==> flow/design.v <==
module alu_alu_arith_top #(
    parameter integer XLEN = 36
) (
    input  logic CLK,
    input  logic aresetn,
    input  logic [XLEN-1:0] i_da,
    input  logic [XLEN-1:0] i_db,
    input  logic i_dir,
    output logic [XLEN-1:0] o_d,
    output logic o_cy
);
    logic [XLEN-1:0] t2;
    assign t2 = i_db ^ {XLEN{i_dir}};
    logic [XLEN:0] nxt;
    assign nxt = i_da + t2 + i_dir;
    always_ff @(posedge CLK) begin
        if (!aresetn) begin
            o_d <= '0;
            o_cy <= 1'b0;
        end else begin
            o_d <= nxt[XLEN-1:0];
            o_cy <= nxt[XLEN];
        end
    end
endmodule
Step by step through the tools: alu_alu_arith_top
The steps from the RTL of alu_alu_arith_top to its reports follow in flow order.
Line numbers count from 1 in the design file above.
Cell names lack the library's common part.
A cell with - has no value.
- top: alu_alu_arith_top
- clock: CLK
- cell library: sky130hd
- timing corner: tt_025C_1v80

Elaborated design
Yosys after proc, flatten, opt, wreduce and memory -nomap, before mapping. Enables and synchronous resets that opt folds into registers are not counted as muxes. Memory bits, and registers merged into a memory's read port (data or address), are not among the register bits. Print and check cells are not counted. Equal cells are merged and count once.
- register bits at 37
- input port bits at 75
- output and inout bits: 37
- cells after elaboration at 5
- $add $sub $neg at 2
- noted bitwise gates (word level): 1
- operators by type and width (cell ; number):
    adder 36 x 36 -> 37 bit ; 1
    adder 37 x 1 -> 37 bit ; 1
    bitwise XOR 36 bit ; 1

Depth
Depth = most cells in a row (Yosys ltp): at word level without a register or memory, in the mapped netlist without a sequential cell, where the memories' decode and read muxes count.
- noted word-level depth: 3
- ABC_AREA: 0
- depth in mapped cells: 13
- noted mapped depth without buffers: 11

Mapped cells and area
Source: synth_stat.txt of the flow (Yosys; design flattened, memories mapped). It holds for the ABC_AREA given above (unset counts as 0); a run with the other value may have another netlist.
Totals and module areas in this step are rounded.
- cells in the netlist: 393
- synthesis area at 3300 um^2
- sequential part of the area: 740 um^2
- flip-flops at 37
- buffers at 15
- cells by type (type ; number ; total area (um^2)):
    dfxtp_1 ; 37 ; 740.71
    ha_1 ; 35 ; 437.92
    xor2_1 ; 47 ; 411.645
    and2_1 ; 29 ; 181.424
    a21oi_1 ; 31 ; 155.149
    xnor2_1 ; 15 ; 131.376
    nand2_1 ; 31 ; 116.362
    a21o_1 ; 12 ; 90.086
    o21ai_0 ; 15 ; 75.072
    mux2i_1 ; 7 ; 70.067
    nor2_1 ; 15 ; 56.304
    inv_1 ; 14 ; 52.55
    nand2b_1 ; 7 ; 43.792
    o211ai_1 ; 5 ; 37.536
    nand3_1 ; 7 ; 35.034
    clkbuf_1 ; 9 ; 33.782
    and3_1 ; 5 ; 31.28
    nand4_1 ; 5 ; 31.28
Other cell types: 37; their cells: 67.

Worst setup path after synthesis
Source: OpenSTA report_checks on the synthesized netlist (no wires, ideal clock, input and output delay 20% of the period each), path of least setup slack; recovery checks are left aside. Register names are those of the netlist, which keeps one name where synthesis merged equal registers.
- path kind: input -> register
- from: in i_dir
- to: reg o_cy
- clock period: 4.34 ns
- input delay: 0.868 ns
- library setup time at 0.120 ns
- launch time at the first pin: 0.868 ns
- arrival: 3.527 ns
- noted data required time: 4.220 ns
- setup slack at 0.693 ns
- noted delay of the path: 2.779 ns
- noted stages on the path: 12
- path buffers at 2
- period reached after synthesis at 3.647 ns
"delay of the path" is the arrival time less input delay plus setup time.
"stages on the path" counts driving pins, that of a launching flip-flop among them; a cell with two outputs on the path counts twice.
"period reached after synthesis" = period - worst setup slack (recovery checks aside). The figure is calculated, with input and output delays left at 20% of the set period.
Between the ends stands the longest chain of elaborated cells between them, by number of cells; it is not shown to be the way that was timed. Of several equally long chains one is given.
A line is the first line of the expression or statement that the cell stems from. Yosys adds cells for indexed reads and writes and turns some case tables into memories.
- path through: buf_4 > buf_1 > xor2_1 > ha_1 > a21o_1 > a21o_1 > a211o_1 > a41oi_4 > o21ai_2 > a41o_1 > and3_1 > o31a_1
- length of the longest elaborated chain at 3
- elaborated cells between the ends (all ways): 3
- source lines of those cells at 2
- those cells by class: add/sub (2); logic (1)
- RTL lines, path post-synthesis (element ; line ; RTL):
    start, declared ; 8 ; input  logic i_dir,
    bitwise XOR 36 bit ; 13 ; assign t2 = i_db ^ {XLEN{i_dir}};
    adder 36 x 36 -> 37 bit ; 15 ; assign nxt = i_da + t2 + i_dir;
    adder 37 x 1 -> 37 bit ; 15 ;
    end, assigned ; 19 ; o_cy <= 1'b0;
    end, assigned ; 22 ; o_cy <= nxt[XLEN];
    end, declared ; 10 ; output logic o_cy

Timing after layout
Path of least setup slack in the final report of job 1 (OpenROAD, finished layout, wires in). Where an end is a register, its clock arrival counts in the times.
- path kind: input -> register
- from: in i_dir
- to: reg o_d[29]
- clock period: 6.79 ns
- input delay: 1.36 ns
- library setup time at 0.07 ns
- launch time at the first pin: 1.36 ns
- arrival: 4.58 ns
- noted data required time: 7.01 ns
- setup slack at 2.43 ns
- noted stages on the path: 11
- path buffers at 1
Between the ends stands the longest chain of elaborated cells between them, by number of cells; it is not shown to be the way that was timed. Of several equally long chains one is given.
- path through: buf_2 > xor2_1 > ha_1 > a21oi_1 > o211ai_1 > a21oi_1 > o31a_1 > o21ba_2 > o21ai_1 > a21oi_1 > mux2i_1
- length of the longest elaborated chain at 3
- elaborated cells between the ends (all ways): 3
- source lines of those cells at 2
- those cells by class: add/sub (2); logic (1)
- RTL lines, path after layout (element ; line ; RTL):
    start, declared ; 8 ; input  logic i_dir,
    bitwise XOR 36 bit ; 13 ; assign t2 = i_db ^ {XLEN{i_dir}};
    adder 36 x 36 -> 37 bit ; 15 ; assign nxt = i_da + t2 + i_dir;
    adder 37 x 1 -> 37 bit ; 15 ;
    end, assigned ; 18 ; o_d <= '0;
    end, assigned ; 21 ; o_d <= nxt[XLEN-1:0];
    end, declared ; 9 ; output logic [XLEN-1:0] o_d,

# Flow runs of alu_alu_arith_top

Record of 3 stored runs of the RTL-to-layout flow on alu_alu_arith_top, platform sky130hd. The runs are unordered. Constraints: input delay and output delay 20% of the set period each, output load 0.01 pF.
"period achieved" = clock period - worst setup slack. The figure is calculated, with input and output delays left at 20% of the set period.
"time on the worst setup path" means the part of the period allowed to the worst setup path (the constraints hold back 20% at inputs and 20% at outputs) less its slack; where the path has registers, the arrival times of their clocks count too.
"total power after layout": no workload was simulated; the value follows from the tool's default switching activity.
The measured numbers are rounded.

Job 1

==> flow/run.sh <==
#!/bin/bash
# the make line also repeats the synthesis and layout settings of config.mk as NAME=value (left out here)
make -C /OpenROAD-flow-scripts/flow DESIGN_CONFIG=/design/flow/config.mk WORK_HOME=/design/flow/orfs CLKGATE_MAP_FILE= finish
==> flow/config.mk <==
export PLATFORM = sky130hd
export DESIGN_NAME = alu_alu_arith_top
export DESIGN_NICKNAME = alu_alu_arith_top
export VERILOG_FILES = /design/flow/design.v
export SDC_FILE = /design/flow/constraint.sdc
export NUM_CORES = 4
export LEC_CHECK = 0
export CAP_MARGIN = 20
export CORE_MARGIN = 2
export CORE_UTILIZATION = 51
export GPL_ROUTABILITY_DRIVEN = 0
export MIN_ROUTING_LAYER = met1
export PLACE_DENSITY_LB_ADDON = 0.27
export SETUP_SLACK_MARGIN = -0.07
export SLEW_MARGIN = 0
==> flow/constraint.sdc <==
create_clock -name core_clock -period 6.79 [get_ports {CLK}]
set_input_delay 1.3580 -clock core_clock [delete_from_list [all_inputs] [get_ports {CLK}]]
set_output_delay 1.3580 -clock core_clock [all_outputs]
set_load 0.01 [all_outputs]

Measured in job 1:
- standard-cell area of the final layout at 4600 um^2
- die outline area: 7200 um^2
- noted the worst setup slack after layout: 2.4 ns
- time on the worst setup path at 3.00 ns
- class of the worst setup path: input -> register
- worst-case hold slack at 1.8 ns
- chip area in the Yosys report at 3300 um^2
- noted the sum of negative setup slack: 0.000 ns
- noted the post-route utilization: 0.72
- period achieved at 4.359 ns
- total power after layout: 0.96 mW

Job 2

==> flow/run.sh <==
#!/bin/bash
# the make line also repeats the synthesis and layout settings of config.mk as NAME=value (left out here)
make -C /OpenROAD-flow-scripts/flow DESIGN_CONFIG=/design/flow/config.mk WORK_HOME=/design/flow/orfs CLKGATE_MAP_FILE= finish
==> flow/config.mk <==
export PLATFORM = sky130hd
export DESIGN_NAME = alu_alu_arith_top
export DESIGN_NICKNAME = alu_alu_arith_top
export VERILOG_FILES = /design/flow/design.v
export SDC_FILE = /design/flow/constraint.sdc
export NUM_CORES = 4
export LEC_CHECK = 0
export CAP_MARGIN = 20
export CORE_MARGIN = 2
export CORE_UTILIZATION = 40
export SLEW_MARGIN = 20
==> flow/constraint.sdc <==
create_clock -name core_clock -period 4.34 [get_ports {CLK}]
set_input_delay 0.8680 -clock core_clock [delete_from_list [all_inputs] [get_ports {CLK}]]
set_output_delay 0.8680 -clock core_clock [all_outputs]
set_load 0.01 [all_outputs]

Measured in job 2:
- standard-cell area of the final layout at 4600 um^2
- die outline area: 9000 um^2
- noted the worst setup slack after layout: 0.74 ns
- time on the worst setup path at 2.73 ns
- class of the worst setup path: input -> register
- worst-case hold slack at 1.3 ns
- chip area in the Yosys report at 3300 um^2
- noted the sum of negative setup slack: 0.000 ns
- noted the post-route utilization: 0.57
- period achieved at 3.596 ns
- total power after layout: 1.5 mW

Job 3

==> flow/run.sh <==
#!/bin/bash
# the make line also repeats the synthesis and layout settings of config.mk as NAME=value (left out here)
make -C /OpenROAD-flow-scripts/flow DESIGN_CONFIG=/design/flow/config.mk WORK_HOME=/design/flow/orfs CLKGATE_MAP_FILE= finish
==> flow/config.mk <==
export PLATFORM = sky130hd
export DESIGN_NAME = alu_alu_arith_top
export DESIGN_NICKNAME = alu_alu_arith_top
export VERILOG_FILES = /design/flow/design.v
export SDC_FILE = /design/flow/constraint.sdc
export NUM_CORES = 4
export LEC_CHECK = 0
export CAP_MARGIN = 15
export CELL_PAD_IN_SITES_DETAIL_PLACEMENT = 1
export CELL_PAD_IN_SITES_GLOBAL_PLACEMENT = 0
export CORE_MARGIN = 2
export CORE_UTILIZATION = 50
export HOLD_SLACK_MARGIN = -0.03
export MIN_ROUTING_LAYER = met2
export PLACE_DENSITY = 0.8
export SETUP_SLACK_MARGIN = 1.06
export SLEW_MARGIN = 20
==> flow/constraint.sdc <==
create_clock -name core_clock -period 4.23 [get_ports {CLK}]
set_input_delay 0.8460 -clock core_clock [delete_from_list [all_inputs] [get_ports {CLK}]]
set_output_delay 0.8460 -clock core_clock [all_outputs]
set_load 0.01 [all_outputs]

Job 3: unfinished; error DPL-0033 in clock tree synthesis.
